==> flow/design.v <==
module alu_mult_v2 #(
    parameter NBITS = 9
) (
    input  wire core_clk,
    input  wire [NBITS-1:0] da_in,
    input  wire [NBITS-1:0] db_in,
    output wire [2*NBITS-1:0] result_out
);
    reg [2*NBITS-1:0] cur;
    integer i;
    always @(*) begin
        cur = 0;
        for (i = 0; i < NBITS; i = i + 1)
            if (db_in[i]) cur = cur + (da_in << i);
    end
    reg [2*NBITS-1:0] result_s;
    always @(posedge core_clk) begin
        result_s <= cur;
    end
    assign result_out = result_s;
endmodule
; ---- From RTL to reports: alu_mult_v2
; What the tools print for alu_mult_v2, step after step.
; Line numbers count from 1 in the design file above.
; Library cell names are shortened.
; Not given: n/a
[inputs]
top_module = alu_mult_v2
clock_port = core_clk
library = sky130hd
lib_corner = tt_025C_1v80

; ---- After elaboration
; Source: Yosys, flattened and elaborated, memories not mapped. Widths are those after wreduce; folded enables and synchronous resets count as part of the registers. Registers that Yosys merges into a memory's read port (data or address) are not register bits. Print and check cells do not count. Equal cells are merged and count once.
[classes]
n_addsub = 8
multipliers = 0
div_mod_pow = 0
n_cmp = 0
equal = 0
shifts = 0
muxes = 9
n_logic = 0
reduce_logical = 0
[op_table]
columns = cell, count
row1 = two-way mux 18 bit, 8
row2 = adder 18 x 10 -> 18 bit, 1
row3 = adder 18 x 11 -> 18 bit, 1
row4 = adder 18 x 12 -> 18 bit, 1
row5 = adder 18 x 13 -> 18 bit, 1
row6 = adder 18 x 14 -> 18 bit, 1
row7 = adder 18 x 15 -> 18 bit, 1
row8 = adder 18 x 16 -> 18 bit, 1
row9 = adder 18 x 17 -> 18 bit, 1
row10 = two-way mux 9 bit, 1
[word_totals]
ff_bits = 18
latchBits = 0
mem_bits_rw = 0
rom_bits = 0
clocked_rd_ports_x_width = 0
n_memories = 0
in_bits = 19
out_inout_bits = 18
wordCells = 18

; ---- Depth
; Depth = most cells in a row (Yosys ltp): at word level without a register or memory, in the mapped netlist without a sequential cell, where the memories' decode and read muxes count.
[logic_depth]
ltp_word = 17
ABC_AREA = 0
mapped_depth = 56
depth_no_buf = 54

; ---- After synthesis
; Yosys stat after the flow's synthesis: flattened, memories mapped to cells. It holds for the ABC_AREA given above (unset counts as 0); a run with the other value may have another netlist.
; Totals and module areas in this step are rounded.
[types]
columns = cell, count, type_area_um2
row1 = ha_1, 70, 875.84
row2 = dfxtp_1, 18, 360.346
row3 = mux2_2, 21, 236.477
row4 = a21oi_1, 40, 200.192
row5 = xnor2_1, 22, 192.685
row6 = nand2_1, 48, 180.173
row7 = o21ai_0, 33, 165.158
row8 = xor2_1, 18, 157.651
row9 = fa_1, 7, 140.134
row10 = inv_1, 36, 135.13
row11 = nor2_1, 32, 120.115
row12 = a21o_1, 12, 90.086
row13 = nor2b_1, 14, 87.584
row14 = nand3_1, 16, 80.077
row15 = and2_1, 10, 62.56
row16 = nor3_1, 12, 60.058
row17 = o21a_1, 8, 60.058
row18 = a31oi_1, 8, 50.048
; Other cell types: 59; their cells: 162.
[mapped]
cells = 587
area_um2 = 4500
seq_area_um2 = 360
ff_cells = 18
buffers = 20

; ---- Path before layout
; Source: OpenSTA report_checks on the synthesized netlist (no wires, ideal clock, input and output delay 20% of the period each), path of least setup slack; recovery checks are left aside. Register names are those of the netlist, which keeps one name where synthesis merged equal registers.
[synth_path]
path_type = input -> register
from = in da_in[1]
to = reg result_s[16]
tclk_ps = 14700
in_delay_ps = 2940
setup_ps = 121
launch_ps = 2940
t_arrival_ps = 12237
required_ps = 14579
path_slack_ps = 2342
path_delay_ps = 9418
driving_pins = 47
path_buffers = 2
period_less_setup_slack_ps = 12358
; "path_delay_ps" = arrival - input delay + setup time.
; "driving_pins" counts driving pins, that of a launching flip-flop among them; a cell with two outputs on the path counts twice.
; "period_less_setup_slack_ps" = period - worst setup slack (recovery checks aside). The figure is calculated, with input and output delays left at 20% of the set period.
; Between the ends stands the longest chain of elaborated cells between them, by number of cells; it is not shown to be the way that was timed. Of several equally long chains one is given.
; A line is the first line of the expression or statement that the cell stems from. Yosys adds cells for indexed reads and writes and turns some case tables into memories.
[synth_between]
cell_sequence = buf_2 -> inv_1 -> nor2_1 -> ha_1 -> ha_1 -> a32oi_1 -> a2111o_1 -> o2111a_1 -> o21ai_0 -> ha_1 -> clkbuf_1 -> o21ai_1 -> a21boi_0 -> o2bb2ai_1 -> xnor2_1 -> mux2_2 -> ha_1 -> nor3b_1 -> [11 not listed] -> a31oi_1 -> xor2_1 -> mux2_2 -> ha_1 -> or3_1 -> o21ai_0 -> a2111oi_0 -> a211o_1 -> ha_1 -> a21o_1 -> a31oi_1 -> xnor2_1 -> mux2_2 -> ha_1 -> a21oi_1 -> o21ai_0 -> xor2_1 -> mux2_2
elab_chain_cells = 17
cone_cells = 17
lines_between = 1
cone_classes = add/sub: 8; mux: 9
[synth_rtl]
columns = element, line
row1 = from (decl), 5  ; input  wire [NBITS-1:0] da_in,
row2 = two-way mux 9 bit, 14  ; if (db_in[i]) cur = cur + (da_in << i);
row3 = adder 18 x 10 -> 18 bit, 14
row4 = two-way mux 18 bit, 14
row5 = adder 18 x 11 -> 18 bit, 14
row6 = two-way mux 18 bit, 14
row7 = adder 18 x 12 -> 18 bit, 14
row8 = two-way mux 18 bit, 14
row9 = [3 not listed], n/a
row10 = two-way mux 18 bit, 14
row11 = adder 18 x 15 -> 18 bit, 14
row12 = two-way mux 18 bit, 14
row13 = adder 18 x 16 -> 18 bit, 14
row14 = two-way mux 18 bit, 14
row15 = adder 18 x 17 -> 18 bit, 14
row16 = two-way mux 18 bit, 14
row17 = to (assign), 18  ; result_s <= cur;
row18 = to (decl), 16  ; reg [2*NBITS-1:0] result_s;

; ---- Path in the finished layout
; From the final timing report of run 2: the path of least setup slack in the routed layout; clock arrival at registers is part of the times.
; The path's times are printed in steps of 10 ps; the period is the one set.
[layout_path]
path_type = input -> register
from = in da_in[1]
to = reg result_s[16]
tclk_ps = 14700
in_delay_ps = 2940
setup_ps = 110
launch_ps = 2940
t_arrival_ps = 13840
required_ps = 14840
path_slack_ps = 990
driving_pins = 54
path_buffers = 1
; Between the ends stands the longest chain of elaborated cells between them, by number of cells; it is not shown to be the way that was timed. Of several equally long chains one is given.
[layout_between]
cell_sequence = clkdlybuf4s50_1 -> inv_1 -> nor2_1 -> ha_2 -> ha_2 -> nor2_1 -> or4_1 -> a21oi_1 -> xor2_1 -> ha_1 -> nand2_1 -> o21a_1 -> o311ai_1 -> nor2_1 -> nor2_1 -> ha_1 -> o21ai_1 -> nor2_1 -> [18 not listed] -> ha_1 -> inv_1 -> a21oi_1 -> o21ai_1 -> nor2b_1 -> xnor2_1 -> mux2_2 -> ha_1 -> or2_2 -> a21oi_1 -> a21oi_1 -> xor2_1 -> mux2_2 -> ha_1 -> nand2_1 -> o21ai_0 -> xor2_1 -> mux2_2
elab_chain_cells = 17
cone_cells = 17
lines_between = 1
cone_classes = add/sub: 8; mux: 9
[layout_rtl]
columns = element, line
row1 = from (decl), 5  ; input  wire [NBITS-1:0] da_in,
row2 = two-way mux 9 bit, 14  ; if (db_in[i]) cur = cur + (da_in << i);
row3 = adder 18 x 10 -> 18 bit, 14
row4 = two-way mux 18 bit, 14
row5 = adder 18 x 11 -> 18 bit, 14
row6 = two-way mux 18 bit, 14
row7 = adder 18 x 12 -> 18 bit, 14
row8 = two-way mux 18 bit, 14
row9 = [3 not listed], n/a
row10 = two-way mux 18 bit, 14
row11 = adder 18 x 15 -> 18 bit, 14
row12 = two-way mux 18 bit, 14
row13 = adder 18 x 16 -> 18 bit, 14
row14 = two-way mux 18 bit, 14
row15 = adder 18 x 17 -> 18 bit, 14
row16 = two-way mux 18 bit, 14
row17 = to (assign), 18  ; result_s <= cur;
row18 = to (decl), 16  ; reg [2*NBITS-1:0] result_s;

Data sheet: physical implementation of alu_mult_v2

Below are 3 stored runs of the flow (Yosys, OpenROAD; platform sky130hd) on alu_mult_v2, each with its settings and what was measured, unordered. Constraints: input delay and output delay 20% of the set period each, output load 0.01 pF.
"clock_period_reached_ps" is the run's clock period less its worst setup slack. It is reckoned from that one timing run; input and output delays stay at 20% of the period that was set.
"worst_path_allowed_less_slack_ps" is the time allowed to the run's worst setup path (the clock period less input and output delay, where it has them) less its slack. Clock arrival times count: a late capture clock shortens it, a late launch clock lengthens it.
"fin_power_uw" is the tool's figure for a default switching activity; nothing was simulated.
"worst_path_allowed_less_slack_ps" is known to 10 ps.
Results are given in rounded form.

# run 1
==> flow/run.sh <==
#!/bin/bash
# the make line also repeats the synthesis and layout settings of config.mk as NAME=value (left out here)
make -C /OpenROAD-flow-scripts/flow DESIGN_CONFIG=/design/flow/config.mk WORK_HOME=/design/flow/orfs CLKGATE_MAP_FILE= finish
==> flow/config.mk <==
export PLATFORM = sky130hd
export DESIGN_NAME = alu_mult_v2
export DESIGN_NICKNAME = alu_mult_v2
export VERILOG_FILES = /design/flow/design.v
export SDC_FILE = /design/flow/constraint.sdc
export NUM_CORES = 4
export LEC_CHECK = 0
export CAP_MARGIN = 20
export CELL_PAD_IN_SITES_DETAIL_PLACEMENT = 1
export CORE_MARGIN = 2
export CORE_UTILIZATION = 54
export GPL_TIMING_DRIVEN = 1
export MAX_ROUTING_LAYER = met5
export PLACE_DENSITY_LB_ADDON = 0.2
export SLEW_MARGIN = 0
==> flow/constraint.sdc <==
create_clock -name core_clock -period 9.38 [get_ports {core_clk}]
set_input_delay 1.8760 -clock core_clock [delete_from_list [all_inputs] [get_ports {core_clk}]]
set_output_delay 1.8760 -clock core_clock [all_outputs]
set_load 0.01 [all_outputs]

==> run 1: results <==
outcome="no final report: placement broke off with DPL-0033"

# run 2
==> flow/run.sh <==
#!/bin/bash
# the make line also repeats the synthesis and layout settings of config.mk as NAME=value (left out here)
make -C /OpenROAD-flow-scripts/flow DESIGN_CONFIG=/design/flow/config.mk WORK_HOME=/design/flow/orfs CLKGATE_MAP_FILE= finish
==> flow/config.mk <==
export PLATFORM = sky130hd
export DESIGN_NAME = alu_mult_v2
export DESIGN_NICKNAME = alu_mult_v2
export VERILOG_FILES = /design/flow/design.v
export SDC_FILE = /design/flow/constraint.sdc
export NUM_CORES = 4
export LEC_CHECK = 0
export CAP_MARGIN = 20
export CORE_MARGIN = 2
export CORE_UTILIZATION = 40
export SLEW_MARGIN = 20
==> flow/constraint.sdc <==
create_clock -name core_clock -period 14.7 [get_ports {core_clk}]
set_input_delay 2.9400 -clock core_clock [delete_from_list [all_inputs] [get_ports {core_clk}]]
set_output_delay 2.9400 -clock core_clock [all_outputs]
set_load 0.01 [all_outputs]

==> run 2: results <==
yosys_chip_area_um2=4500
die_footprint_um2=12000
finish.stdcell_area_um2=5100
fin_util_pct=47
worstSetupSlack_ps=990
tns_ps=0
fin_hold_ws_ps=3200
fin_power_uw=880
clock_period_reached_ps=13705
worst_path_allowed_less_slack_ps=10770
worst_path_kind="input -> register"

# run 3
==> flow/run.sh <==
#!/bin/bash
# the make line also repeats the synthesis and layout settings of config.mk as NAME=value (left out here)
make -C /OpenROAD-flow-scripts/flow DESIGN_CONFIG=/design/flow/config.mk WORK_HOME=/design/flow/orfs CLKGATE_MAP_FILE= finish
==> flow/config.mk <==
export PLATFORM = sky130hd
export DESIGN_NAME = alu_mult_v2
export DESIGN_NICKNAME = alu_mult_v2
export VERILOG_FILES = /design/flow/design.v
export SDC_FILE = /design/flow/constraint.sdc
export NUM_CORES = 4
export LEC_CHECK = 0
export CAP_MARGIN = 20
export CELL_PAD_IN_SITES_GLOBAL_PLACEMENT = 2
export CORE_ASPECT_RATIO = 1.59
export CORE_MARGIN = 2
export CORE_UTILIZATION = 70
export CTS_CLUSTER_DIAMETER = 59
export GPL_ROUTABILITY_DRIVEN = 1
export GPL_TIMING_DRIVEN = 0
export MAX_ROUTING_LAYER = met5
export PLACE_DENSITY = 0.64
export SETUP_SLACK_MARGIN = 3.34
export SLEW_MARGIN = 35
export TNS_END_PERCENT = 90
==> flow/constraint.sdc <==
create_clock -name core_clock -period 16.0 [get_ports {core_clk}]
set_input_delay 3.2000 -clock core_clock [delete_from_list [all_inputs] [get_ports {core_clk}]]
set_output_delay 3.2000 -clock core_clock [all_outputs]
set_load 0.01 [all_outputs]

==> run 3: results <==
outcome="no final report: placement broke off with GPL-0301"
